==> flow/design.v <==
module sync_times_blk #(
  parameter NBITS = 16
) (
  input  logic CLK,
  input  logic [NBITS-1:0] in_u,
  input  logic [NBITS-1:0] in_v,
  output logic [2*NBITS-1:0] out_out
);
  logic [NBITS-1:0] u_d1;
  logic [NBITS-1:0] v_d1;
  wire [2*NBITS-1:0] nd [0:NBITS];
  assign nd[0] = 0;
  for (genvar g = 0; g < NBITS; g++) begin : g_bit
    assign nd[g+1] = nd[g] + (v_d1[g] ? {{NBITS{1'b0}}, u_d1} << g : {2*NBITS{1'b0}});
  end
  assign out_out = nd[NBITS];
  always_ff @(posedge CLK) begin
    u_d1 <= in_u;
    v_d1 <= in_v;
  end
endmodule
Step by step through the tools: sync_times_blk
Tool output for the design above, in the order of the flow.
Line numbers count from 1 in the design file above.
{ "inputs": {"top": "sync_times_blk", "clk_port": "CLK", "lib": "sky130hd", "lib_corner": "tt_025C_1v80"} }

Elaborated design
Counts by Yosys on the flattened word-level netlist (proc, flatten, opt, wreduce; memories kept). Register bits leave out memories and registers merged into their read ports (data or address); mux counts leave out enables and synchronous resets folded into registers. Print and check cells are left out. Cells with the same type and inputs are merged into one.
{ "bits": {"reg_bits": 32, "inputBits": 33, "ram_bits": 0, "romBits": 0, "memories": 0, "latch_bits": 0, "clocked_rd_ports_x_width": 0, "output_inout_bits": 32, "word_cells": 33} }
{ "op_classes": {"n_shift": 0, "mul": 0, "n_cmp": 0, "div": 0, "logic": 0, "reduce_and_logical": 0, "n_eq": 0, "muxes": 16, "addsub": 15} }
{ "op_table": {"columns": ["cell", "count"], "rows": [
  ["adder 31 x 31 -> 32 bit", 1],
  ["adder 30 x 30 -> 31 bit", 1],
  ["2-to-1 mux 31 bit", 1],
  ["adder 29 x 29 -> 30 bit", 1],
  ["2-to-1 mux 30 bit", 1],
  ["adder 28 x 28 -> 29 bit", 1],
  ["2-to-1 mux 29 bit", 1],
  ["adder 27 x 27 -> 28 bit", 1],
  ["2-to-1 mux 28 bit", 1],
  ["adder 26 x 26 -> 27 bit", 1],
  ["2-to-1 mux 27 bit", 1],
  ["adder 25 x 25 -> 26 bit", 1],
  ["2-to-1 mux 26 bit", 1],
  ["adder 24 x 24 -> 25 bit", 1],
  ["2-to-1 mux 25 bit", 1],
  ["adder 23 x 23 -> 24 bit", 1],
  ["2-to-1 mux 24 bit", 1],
  ["adder 22 x 22 -> 23 bit", 1],
  ["2-to-1 mux 23 bit", 1],
  ["adder 21 x 21 -> 22 bit", 1],
  ["2-to-1 mux 22 bit", 1],
  ["adder 20 x 20 -> 21 bit", 1],
  ["2-to-1 mux 21 bit", 1],
  ["adder 19 x 19 -> 20 bit", 1],
  ["2-to-1 mux 20 bit", 1],
  ["adder 18 x 18 -> 19 bit", 1],
  ["2-to-1 mux 19 bit", 1],
  ["adder 16 x 17 -> 18 bit", 1]
]} }
Other operator kinds: 3; their cells: 3.

Longest topological paths
Longest topological path by Yosys (ltp), each cell counted once; first at word level (registers and memories cut), then after technology mapping (sequential cells cut; the memories' decode and read muxes count).
{ "depth": {"word_depth": 16, "abc_area": 0, "mapped_depth": 21, "ltp_nobuf": 20} }

Netlist
Yosys stat after the flow's synthesis: flattened, memories mapped to cells. It holds for the ABC_AREA given above (unset counts as 0); a run with the other value may have another netlist.
Totals and module areas in this step are rounded.
{ "synth_totals": {"ffs": 32, "cells": 968, "area_um2": 8880, "n_buf": 36, "seqArea_um2": 641} }
{ "types": {"columns": ["type", "count", "area_total_um2"], "rows": [
  ["sky130_fd_sc_hd__fa_1", 198, 3.96E+03],
  ["sky130_fd_sc_hd__ha_1", 95, 1188.64],
  ["sky130_fd_sc_hd__inv_1", 193, 724.445],
  ["sky130_fd_sc_hd__and2_1", 109, 681.904],
  ["sky130_fd_sc_hd__nand2_1", 171, 641.866],
  ["sky130_fd_sc_hd__dfxtp_1", 32, 640.614],
  ["sky130_fd_sc_hd__xnor2_1", 16, 140.134],
  ["sky130_fd_sc_hd__clkbuf_1", 33, 123.869],
  ["sky130_fd_sc_hd__a21oi_1", 23, 115.11],
  ["sky130_fd_sc_hd__a21o_1", 11, 82.579],
  ["sky130_fd_sc_hd__nor2_1", 20, 75.072],
  ["sky130_fd_sc_hd__xor2_1", 6, 52.55],
  ["sky130_fd_sc_hd__o21ai_0", 9, 45.043],
  ["sky130_fd_sc_hd__nand3_1", 6, 30.029],
  ["sky130_fd_sc_hd__o211a_1", 3, 30.029],
  ["sky130_fd_sc_hd__o21bai_1", 4, 30.029],
  ["sky130_fd_sc_hd__a21oi_2", 3, 26.275],
  ["sky130_fd_sc_hd__a211oi_2", 2, 25.024]
]} }
Not listed: further types 25, cells in them 34.

Path before layout
OpenSTA on the mapped netlist: ideal clock, no wires. The path of least setup slack (recovery checks aside). Input and output delay are each 20% of the period. Register names are those of the netlist, which keeps one name where synthesis merged equal registers.
{ "synth_path": {"path_type": "register -> output", "startpoint": "reg v_d1[6]", "endpoint": "out out_out[30]", "path_delay_ps": 5499, "path_slack_ps": 1373, "path_buffers": 1, "clock_period_ps": 8590, "t_first_pin_ps": 0, "t_required_ps": 6872, "path_stages": 20, "arrival_time_ps": 5499, "output_delay_ps": 1718, "period_less_setup_slack_ps": 7217} }
"path_delay_ps" is the arrival time less input delay plus setup time.
A path that ends at an output port has no setup time.
"path_stages": output pins that drive a net of the path, with the launching flip-flop's if there is one; two outputs of one cell count as two.
"period_less_setup_slack_ps" = period - worst setup slack (recovery checks aside). The figure is calculated, with input and output delays left at 20% of the set period.
Between the ends stands the longest chain of elaborated cells between them, by number of cells; it is not shown to be the way that was timed. Of several equally long chains one is given.
Each line given opens the expression or statement behind the cell; cells for indexed reads and writes are added by Yosys, which also makes memories of some case tables.
{ "synth_via": {"cell_sequence": "sky130_fd_sc_hd__dfxtp_1 -> sky130_fd_sc_hd__clkbuf_1 -> sky130_fd_sc_hd__nand2_1 -> sky130_fd_sc_hd__fa_1 -> sky130_fd_sc_hd__inv_1 -> sky130_fd_sc_hd__fa_1 -> sky130_fd_sc_hd__fa_1 -> sky130_fd_sc_hd__inv_1 -> sky130_fd_sc_hd__fa_1 -> sky130_fd_sc_hd__inv_1 -> sky130_fd_sc_hd__fa_1 -> sky130_fd_sc_hd__inv_1 -> sky130_fd_sc_hd__fa_1 -> sky130_fd_sc_hd__inv_1 -> sky130_fd_sc_hd__ha_1 -> sky130_fd_sc_hd__a21o_1 -> sky130_fd_sc_hd__a21o_1 -> sky130_fd_sc_hd__a221o_1 -> sky130_fd_sc_hd__o2111a_1 -> sky130_fd_sc_hd__nor4_1", "elab_chain_cells": 11, "cone_cells": 11, "lines_between": 1, "cone_classes": "add/sub: 10; mux: 1"} }
{ "synth_rtl": {"columns": ["element", "line_no", "rtl"], "rows": [
  ["from (decl)", 10, "logic [NBITS-1:0] v_d1;"],
  ["from (assign)", 19, "v_d1 <= in_v;"],
  ["2-to-1 mux 22 bit", 14, "assign nd[g+1] = nd[g] + (v_d1[g] ? {{NBITS{1'b0}}, u_d1} << g : {2*NBITS{1'b0}});"],
  ["adder 22 x 22 -> 23 bit", 14, null],
  ["adder 23 x 23 -> 24 bit", 14, null],
  ["adder 24 x 24 -> 25 bit", 14, null],
  ["adder 25 x 25 -> 26 bit", 14, null],
  ["adder 26 x 26 -> 27 bit", 14, null],
  ["adder 27 x 27 -> 28 bit", 14, null],
  ["adder 28 x 28 -> 29 bit", 14, null],
  ["adder 29 x 29 -> 30 bit", 14, null],
  ["adder 30 x 30 -> 31 bit", 14, null],
  ["adder 31 x 31 -> 32 bit", 14, null],
  ["to (decl)", 7, "output logic [2*NBITS-1:0] out_out"]
]} }

Worst path after layout
Path of least setup slack in the final report of record 1 (OpenROAD, finished layout, wires in). Where an end is a register, its clock arrival counts in the times.
The report prints the path's times to 10 ps; the period is as set.
{ "layout_path": {"path_type": "register -> output", "startpoint": "reg u_d1[14]", "endpoint": "out out_out[31]", "t_required_ps": 8000, "arrival_time_ps": 7070, "path_slack_ps": 930, "clock_period_ps": 10000, "path_stages": 19, "output_delay_ps": 2000, "path_buffers": 1, "t_first_pin_ps": 270} }
Between the ends stands the longest chain of elaborated cells between them, by number of cells; it is not shown to be the way that was timed. Of several equally long chains one is given.
{ "layout_via": {"cell_sequence": "sky130_fd_sc_hd__dfxtp_1 -> sky130_fd_sc_hd__nand2_1 -> sky130_fd_sc_hd__fa_1 -> sky130_fd_sc_hd__inv_1 -> sky130_fd_sc_hd__fa_1 -> sky130_fd_sc_hd__fa_1 -> sky130_fd_sc_hd__fa_1 -> sky130_fd_sc_hd__fa_1 -> sky130_fd_sc_hd__inv_1 -> sky130_fd_sc_hd__fa_1 -> sky130_fd_sc_hd__inv_1 -> sky130_fd_sc_hd__ha_1 -> sky130_fd_sc_hd__a21oi_2 -> sky130_fd_sc_hd__o221ai_1 -> sky130_fd_sc_hd__a211oi_2 -> sky130_fd_sc_hd__nor3_2 -> sky130_fd_sc_hd__o41ai_2 -> sky130_fd_sc_hd__xnor2_1 -> sky130_fd_sc_hd__clkdlybuf4s50_1", "elab_chain_cells": 16, "cone_cells": 31, "lines_between": 1, "cone_classes": "add/sub: 15; mux: 16"} }
{ "layout_rtl": {"columns": ["element", "line_no", "rtl"], "rows": [
  ["from (decl)", 9, "logic [NBITS-1:0] u_d1;"],
  ["from (assign)", 18, "u_d1 <= in_u;"],
  ["2-to-1 mux 16 bit", 14, "assign nd[g+1] = nd[g] + (v_d1[g] ? {{NBITS{1'b0}}, u_d1} << g : {2*NBITS{1'b0}});"],
  ["adder 16 x 17 -> 18 bit", 14, null],
  ["adder 18 x 18 -> 19 bit", 14, null],
  ["adder 19 x 19 -> 20 bit", 14, null],
  ["adder 20 x 20 -> 21 bit", 14, null],
  ["adder 21 x 21 -> 22 bit", 14, null],
  ["adder 22 x 22 -> 23 bit", 14, null],
  ["[2 not listed]", null, null],
  ["adder 25 x 25 -> 26 bit", 14, null],
  ["adder 26 x 26 -> 27 bit", 14, null],
  ["adder 27 x 27 -> 28 bit", 14, null],
  ["adder 28 x 28 -> 29 bit", 14, null],
  ["adder 29 x 29 -> 30 bit", 14, null],
  ["adder 30 x 30 -> 31 bit", 14, null],
  ["adder 31 x 31 -> 32 bit", 14, null],
  ["to (decl)", 7, "output logic [2*NBITS-1:0] out_out"]
]} }

Subject: sync_times_blk on sky130hd, stored results

Hello all,

Stored flow runs of sync_times_blk (3 of them; Yosys, OpenROAD, sky130hd). They differ in their settings and are not a sequence. Constraints: input delay and output delay 20% of the set period each, output load 0.01 pF.
"timing.worst_path_ps" means the part of the period allowed to the worst setup path (the constraints hold back 20% at inputs and 20% at outputs) less its slack; where the path has registers, the arrival times of their clocks count too.
"timing.worst_path_ps" is known to 10 ps.
The results are shown rounded.

Record 1
==> flow/run.sh <==
#!/bin/bash
# the make line also repeats the synthesis and layout settings of config.mk as NAME=value (left out here)
make -C /OpenROAD-flow-scripts/flow DESIGN_CONFIG=/design/flow/config.mk WORK_HOME=/design/flow/orfs CLKGATE_MAP_FILE= finish
==> flow/config.mk <==
export PLATFORM = sky130hd
export DESIGN_NAME = sync_times_blk
export DESIGN_NICKNAME = sync_times_blk
export VERILOG_FILES = /design/flow/design.v
export SDC_FILE = /design/flow/constraint.sdc
export NUM_CORES = 4
export LEC_CHECK = 0
export ABC_AREA = 0
export CAP_MARGIN = 20
export CELL_PAD_IN_SITES_GLOBAL_PLACEMENT = 0
export CORE_ASPECT_RATIO = 1.8
export CORE_MARGIN = 2
export CORE_UTILIZATION = 43
export CTS_CLUSTER_DIAMETER = 350
export MAX_ROUTING_LAYER = met5
export MIN_ROUTING_LAYER = met1
export PLACE_DENSITY_LB_ADDON = 0.07
export SLEW_MARGIN = 20
==> flow/constraint.sdc <==
create_clock -name core_clock -period 10.0 [get_ports {CLK}]
set_input_delay 2.0000 -clock core_clock [delete_from_list [all_inputs] [get_ports {CLK}]]
set_output_delay 2.0000 -clock core_clock [all_outputs]
set_load 0.01 [all_outputs]

==> results of record 1, as JSON <==
{
  "synth_area_um2": 8880,
  "timing.setup.ws_ps": 925,
  "fin_util_frac": 0.486,
  "final_die_area_um2": 21900,
  "timing.worst_path_ps": 7070,
  "worst_setup_path_type": "register -> output"
}

Record 2
==> flow/run.sh <==
#!/bin/bash
# the make line also repeats the synthesis and layout settings of config.mk as NAME=value (left out here)
make -C /OpenROAD-flow-scripts/flow DESIGN_CONFIG=/design/flow/config.mk WORK_HOME=/design/flow/orfs CLKGATE_MAP_FILE= finish
==> flow/config.mk <==
export PLATFORM = sky130hd
export DESIGN_NAME = sync_times_blk
export DESIGN_NICKNAME = sync_times_blk
export VERILOG_FILES = /design/flow/design.v
export SDC_FILE = /design/flow/constraint.sdc
export NUM_CORES = 4
export LEC_CHECK = 0
export ABC_AREA = 1
export CAP_MARGIN = 20
export CORE_ASPECT_RATIO = 0.75
export CORE_MARGIN = 5
export CORE_UTILIZATION = 60
export CTS_CLUSTER_SIZE = 39
export GPL_ROUTABILITY_DRIVEN = 0
export MAX_ROUTING_LAYER = met4
export PLACE_DENSITY_LB_ADDON = 0.09
export SETUP_SLACK_MARGIN = 0.48
export SLEW_MARGIN = 20
export TNS_END_PERCENT = 55
==> flow/constraint.sdc <==
create_clock -name core_clock -period 4.72 [get_ports {CLK}]
set_input_delay 0.9440 -clock core_clock [delete_from_list [all_inputs] [get_ports {CLK}]]
set_output_delay 0.9440 -clock core_clock [all_outputs]
set_load 0.01 [all_outputs]

==> results of record 2, as JSON <==
{
  "synth_area_um2": 9720,
  "timing.setup.ws_ps": -1580,
  "fin_util_frac": 0.795,
  "final_die_area_um2": 18900,
  "timing.worst_path_ps": 5350,
  "worst_setup_path_type": "register -> output"
}

Record 3
==> flow/run.sh <==
#!/bin/bash
# the make line also repeats the synthesis and layout settings of config.mk as NAME=value (left out here)
make -C /OpenROAD-flow-scripts/flow DESIGN_CONFIG=/design/flow/config.mk WORK_HOME=/design/flow/orfs CLKGATE_MAP_FILE= finish
==> flow/config.mk <==
export PLATFORM = sky130hd
export DESIGN_NAME = sync_times_blk
export DESIGN_NICKNAME = sync_times_blk
export VERILOG_FILES = /design/flow/design.v
export SDC_FILE = /design/flow/constraint.sdc
export NUM_CORES = 4
export LEC_CHECK = 0
export CAP_MARGIN = 20
export CORE_MARGIN = 2
export CORE_UTILIZATION = 40
export SLEW_MARGIN = 20
==> flow/constraint.sdc <==
create_clock -name core_clock -period 8.59 [get_ports {CLK}]
set_input_delay 1.7180 -clock core_clock [delete_from_list [all_inputs] [get_ports {CLK}]]
set_output_delay 1.7180 -clock core_clock [all_outputs]
set_load 0.01 [all_outputs]

==> results of record 3, as JSON <==
{
  "synth_area_um2": 8880,
  "timing.setup.ws_ps": 303,
  "fin_util_frac": 0.458,
  "final_die_area_um2": 23400,
  "timing.worst_path_ps": 6570,
  "worst_setup_path_type": "register -> output"
}

Thanks
